==> flow/design.v <==
module adder #(
   parameter integer DATA_W = 7
) (
   input wire sys_clk,
   input wire [DATA_W-1:0] x_i,
   input wire [DATA_W-1:0] y_i,
   output wire [DATA_W:0] sum_o
);
   reg [DATA_W-1:0] x_ff;
   reg [DATA_W-1:0] y_ff;
   reg [DATA_W:0] sum_ff;
   always @(posedge sys_clk) begin
      x_ff <= x_i;
      y_ff <= y_i;
      sum_ff <= x_ff + y_ff;
   end
   assign sum_o = sum_ff;
endmodule
# [Tool chain data of adder]
# Tool output for the design above, in the order of the flow.
# Line numbers count from 1 in the design file above.
# Cell names lack the library's common part.
# Not given: --
[inputs] top_module="adder" clk_port="sys_clk" cell_library="sky130hd" pvt_corner="tt_025C_1v80"

# [Word level]
# Source: Yosys, flattened and elaborated, memories not mapped. Widths are those after wreduce; folded enables and synchronous resets count as part of the registers. Registers that Yosys merges into a memory's read port (data or address) are not register bits. Print and check cells do not count. Equal cells are merged and count once.
[word_totals] input_bits=15 word_cells=4 out_inout_bits=8 register_bits=22
[classes] n_addsub=1
[op_table] op="adder 7 x 7 -> 8 bit" count=1

# [Depth]
# Yosys ltp: most cells in a row. Word level: on the elaborated netlist, between registers, memories and ports. Mapped: between sequential cells and ports; inverters and the memories' decode and read muxes count.
[depth] word_depth=1 ABC_AREA=0 depth_mapped=7 depth_no_buf=7

# [Mapped cells and area]
# Source: synth_stat.txt of the flow (Yosys; design flattened, memories mapped). It holds for the ABC_AREA given above (unset counts as 0); a run with the other value may have another netlist.
# The area totals of this step are shown rounded.
[types] cell="dfxtp_1" count=22 area_total_um2=440.422
[types] cell="ha_1" count=7 area_total_um2=87.584
[types] cell="xnor2_1" count=3 area_total_um2=26.275
[types] cell="nor2b_1" count=4 area_total_um2=25.024
[types] cell="fa_1" count=1 area_total_um2=20.019
[types] cell="inv_1" count=5 area_total_um2=18.768
[types] cell="a21oi_1" count=3 area_total_um2=15.014
[types] cell="a311oi_2" count=1 area_total_um2=15.014
[types] cell="mux2i_1" count=1 area_total_um2=10.01
[types] cell="nor3_1" count=2 area_total_um2=10.01
[types] cell="o21ai_0" count=2 area_total_um2=10.01
[types] cell="a21oi_2" count=1 area_total_um2=8.758
[types] cell="a221oi_1" count=1 area_total_um2=8.758
[types] cell="o31a_1" count=1 area_total_um2=8.758
[types] cell="nand2_1" count=2 area_total_um2=7.507
[types] cell="nor2_1" count=2 area_total_um2=7.507
[types] cell="o21a_1" count=1 area_total_um2=7.507
[synth_totals] area_mm2=0.000727 flip_flops=22 buf_cells=0 seq_area_mm2=0.00044 stdcells=59

# [Worst setup path after synthesis]
# Source: OpenSTA report_checks on the synthesized netlist (no wires, ideal clock, input and output delay 20% of the period each), path of least setup slack; recovery checks are left aside. Register names are those of the netlist, which keeps one name where synthesis merged equal registers.
[synth_path] path_type="register to register" startpoint="reg x_ff[0]" endpoint="reg sum_ff[6]" path_delay_ns=1.511 launch_ns=0.000 path_stages=8 t_arrival_ns=1.390 setup_ns=0.121 slack_ns=0.379 required_time_ns=1.769 period_ns=1.89 synth_period_reached_ns=1.511
# "path_delay_ns" is the arrival time less input delay plus setup time.
# "path_stages": output pins that drive a net of the path, with the launching flip-flop's if there is one; two outputs of one cell count as two.
# "synth_period_reached_ns" is the clock period less the worst setup slack; recovery checks do not enter. This is arithmetic on one report: input and output delays are still those of the set period (20% each).
# Between the ends stands the longest chain of elaborated cells between them, by number of cells; it is not shown to be the way that was timed. Of several equally long chains one is given.
# A line is the first line of the expression or statement that the cell stems from. Yosys adds cells for indexed reads and writes and turns some case tables into memories.
[synth_between] path_cell_list="dfxtp_1 > ha_1 > inv_1 > fa_1 > nor2b_1 > o31a_1 > mux2i_1 > nand2_1" elab_chain_len=1 cells_between=1 lines_between=1
[synth_lines] element="start, declared" line_no=9 rtl="reg [DATA_W-1:0] x_ff;"
[synth_lines] element="start, assigned" line_no=13 rtl="x_ff <= x_i;"
[synth_lines] element="adder 7 x 7 -> 8 bit" line_no=15 rtl="sum_ff <= x_ff + y_ff;"
[synth_lines] element="end, assigned" line_no=15
[synth_lines] element="end, declared" line_no=11 rtl="reg [DATA_W:0] sum_ff;"

# [Worst path after layout]
# Path of least setup slack in the final report of stored run 2 (OpenROAD, finished layout, wires in). Where an end is a register, its clock arrival counts in the times.
[layout_path] path_type="register to register" startpoint="reg x_ff[0]" endpoint="reg sum_ff[6]" path_stages=8 period_ns=1.89 slack_ns=0.24 launch_ns=0.28 t_arrival_ns=1.84 required_time_ns=2.08 setup_ns=0.10
# Between the ends stands the longest chain of elaborated cells between them, by number of cells; it is not shown to be the way that was timed. Of several equally long chains one is given.
[layout_between] path_cell_list="dfxtp_1 > ha_1 > inv_1 > fa_1 > nor2b_1 > o31a_1 > mux2i_1 > nand2_1" elab_chain_len=1 cells_between=1 lines_between=1
[layout_lines] element="start, declared" line_no=9 rtl="reg [DATA_W-1:0] x_ff;"
[layout_lines] element="start, assigned" line_no=13 rtl="x_ff <= x_i;"
[layout_lines] element="adder 7 x 7 -> 8 bit" line_no=15 rtl="sum_ff <= x_ff + y_ff;"
[layout_lines] element="end, assigned" line_no=15
[layout_lines] element="end, declared" line_no=11 rtl="reg [DATA_W:0] sum_ff;"

FLOW RESULTS
============

Design adder on sky130hd. What follows are 3 stored runs of the flow, each under its own settings; their order means nothing. The constraints put input and output delay at 20% of the set period each and load the outputs with 0.01 pF.
"achieved_period_ns": clock period set for the run, less the worst setup slack. It is reckoned from that one timing run; input and output delays stay at 20% of the period that was set.
"worstPathTime_ns" = time allowed to the worst setup path (clock period - input delay - output delay, where it has them) - its slack; a late launch clock adds to it, a late capture clock takes from it.
"totalPower_mw": no workload was simulated; the value follows from the tool's default switching activity.
The results are shown rounded.

[flow] stored run 1: files
==> flow/run.sh <==
#!/bin/bash
# the make line also repeats the synthesis and layout settings of config.mk as NAME=value (left out here)
make -C /OpenROAD-flow-scripts/flow DESIGN_CONFIG=/design/flow/config.mk WORK_HOME=/design/flow/orfs CLKGATE_MAP_FILE= finish
==> flow/config.mk <==
export PLATFORM = sky130hd
export DESIGN_NAME = adder
export DESIGN_NICKNAME = adder
export VERILOG_FILES = /design/flow/design.v
export SDC_FILE = /design/flow/constraint.sdc
export NUM_CORES = 4
export LEC_CHECK = 0
export CAP_MARGIN = 10
export CORE_ASPECT_RATIO = 1.87
export CORE_MARGIN = 2
export CORE_UTILIZATION = 49
export CTS_CLUSTER_DIAMETER = 107
export CTS_CLUSTER_SIZE = 53
export GPL_ROUTABILITY_DRIVEN = 0
export PLACE_DENSITY = 0.78
export SLEW_MARGIN = 25
export TNS_END_PERCENT = 100
==> flow/constraint.sdc <==
create_clock -name core_clock -period 1.09 [get_ports {sys_clk}]
set_input_delay 0.2180 -clock core_clock [delete_from_list [all_inputs] [get_ports {sys_clk}]]
set_output_delay 0.2180 -clock core_clock [all_outputs]
set_load 0.01 [all_outputs]

[flow] stored run 1: did not finish, floorplanning stopped with PDN-0185

[flow] stored run 2: files
==> flow/run.sh <==
#!/bin/bash
# the make line also repeats the synthesis and layout settings of config.mk as NAME=value (left out here)
make -C /OpenROAD-flow-scripts/flow DESIGN_CONFIG=/design/flow/config.mk WORK_HOME=/design/flow/orfs CLKGATE_MAP_FILE= finish
==> flow/config.mk <==
export PLATFORM = sky130hd
export DESIGN_NAME = adder
export DESIGN_NICKNAME = adder
export VERILOG_FILES = /design/flow/design.v
export SDC_FILE = /design/flow/constraint.sdc
export NUM_CORES = 4
export LEC_CHECK = 0
export CAP_MARGIN = 20
export CORE_MARGIN = 2
export CORE_UTILIZATION = 40
export SLEW_MARGIN = 20
==> flow/constraint.sdc <==
create_clock -name core_clock -period 1.89 [get_ports {sys_clk}]
set_input_delay 0.3780 -clock core_clock [delete_from_list [all_inputs] [get_ports {sys_clk}]]
set_output_delay 0.3780 -clock core_clock [all_outputs]
set_load 0.01 [all_outputs]

[flow] stored run 2: metrics
[metrics] worstPathTime_ns = 1.65
[metrics] critical_path_type = register to register
[metrics] hold_worst_slack_ns = 0.456
[metrics] fin_util_pct = 58.0
[metrics] tns_ns = 0.000
[metrics] ws_setup_ns = 0.244
[metrics] layout_stdcell_area_mm2 = 0.001
[metrics] die_area_mm2 = 0.00217
[metrics] achieved_period_ns = 1.646
[metrics] totalPower_mw = 0.900
[metrics] ys_area_mm2 = 0.000727

[flow] stored run 3: files
==> flow/run.sh <==
#!/bin/bash
# the make line also repeats the synthesis and layout settings of config.mk as NAME=value (left out here)
make -C /OpenROAD-flow-scripts/flow DESIGN_CONFIG=/design/flow/config.mk WORK_HOME=/design/flow/orfs CLKGATE_MAP_FILE= finish
==> flow/config.mk <==
export PLATFORM = sky130hd
export DESIGN_NAME = adder
export DESIGN_NICKNAME = adder
export VERILOG_FILES = /design/flow/design.v
export SDC_FILE = /design/flow/constraint.sdc
export NUM_CORES = 4
export LEC_CHECK = 0
export CAP_MARGIN = 0
export CELL_PAD_IN_SITES_GLOBAL_PLACEMENT = 2
export CORE_MARGIN = 2
export CORE_UTILIZATION = 50
export CTS_CLUSTER_DIAMETER = 105
export GPL_ROUTABILITY_DRIVEN = 1
export GPL_TIMING_DRIVEN = 1
export MIN_ROUTING_LAYER = met1
export SLEW_MARGIN = 20
==> flow/constraint.sdc <==
create_clock -name core_clock -period 1.98 [get_ports {sys_clk}]
set_input_delay 0.3960 -clock core_clock [delete_from_list [all_inputs] [get_ports {sys_clk}]]
set_output_delay 0.3960 -clock core_clock [all_outputs]
set_load 0.01 [all_outputs]

[flow] stored run 3: did not finish, placement stopped with GPL-0301
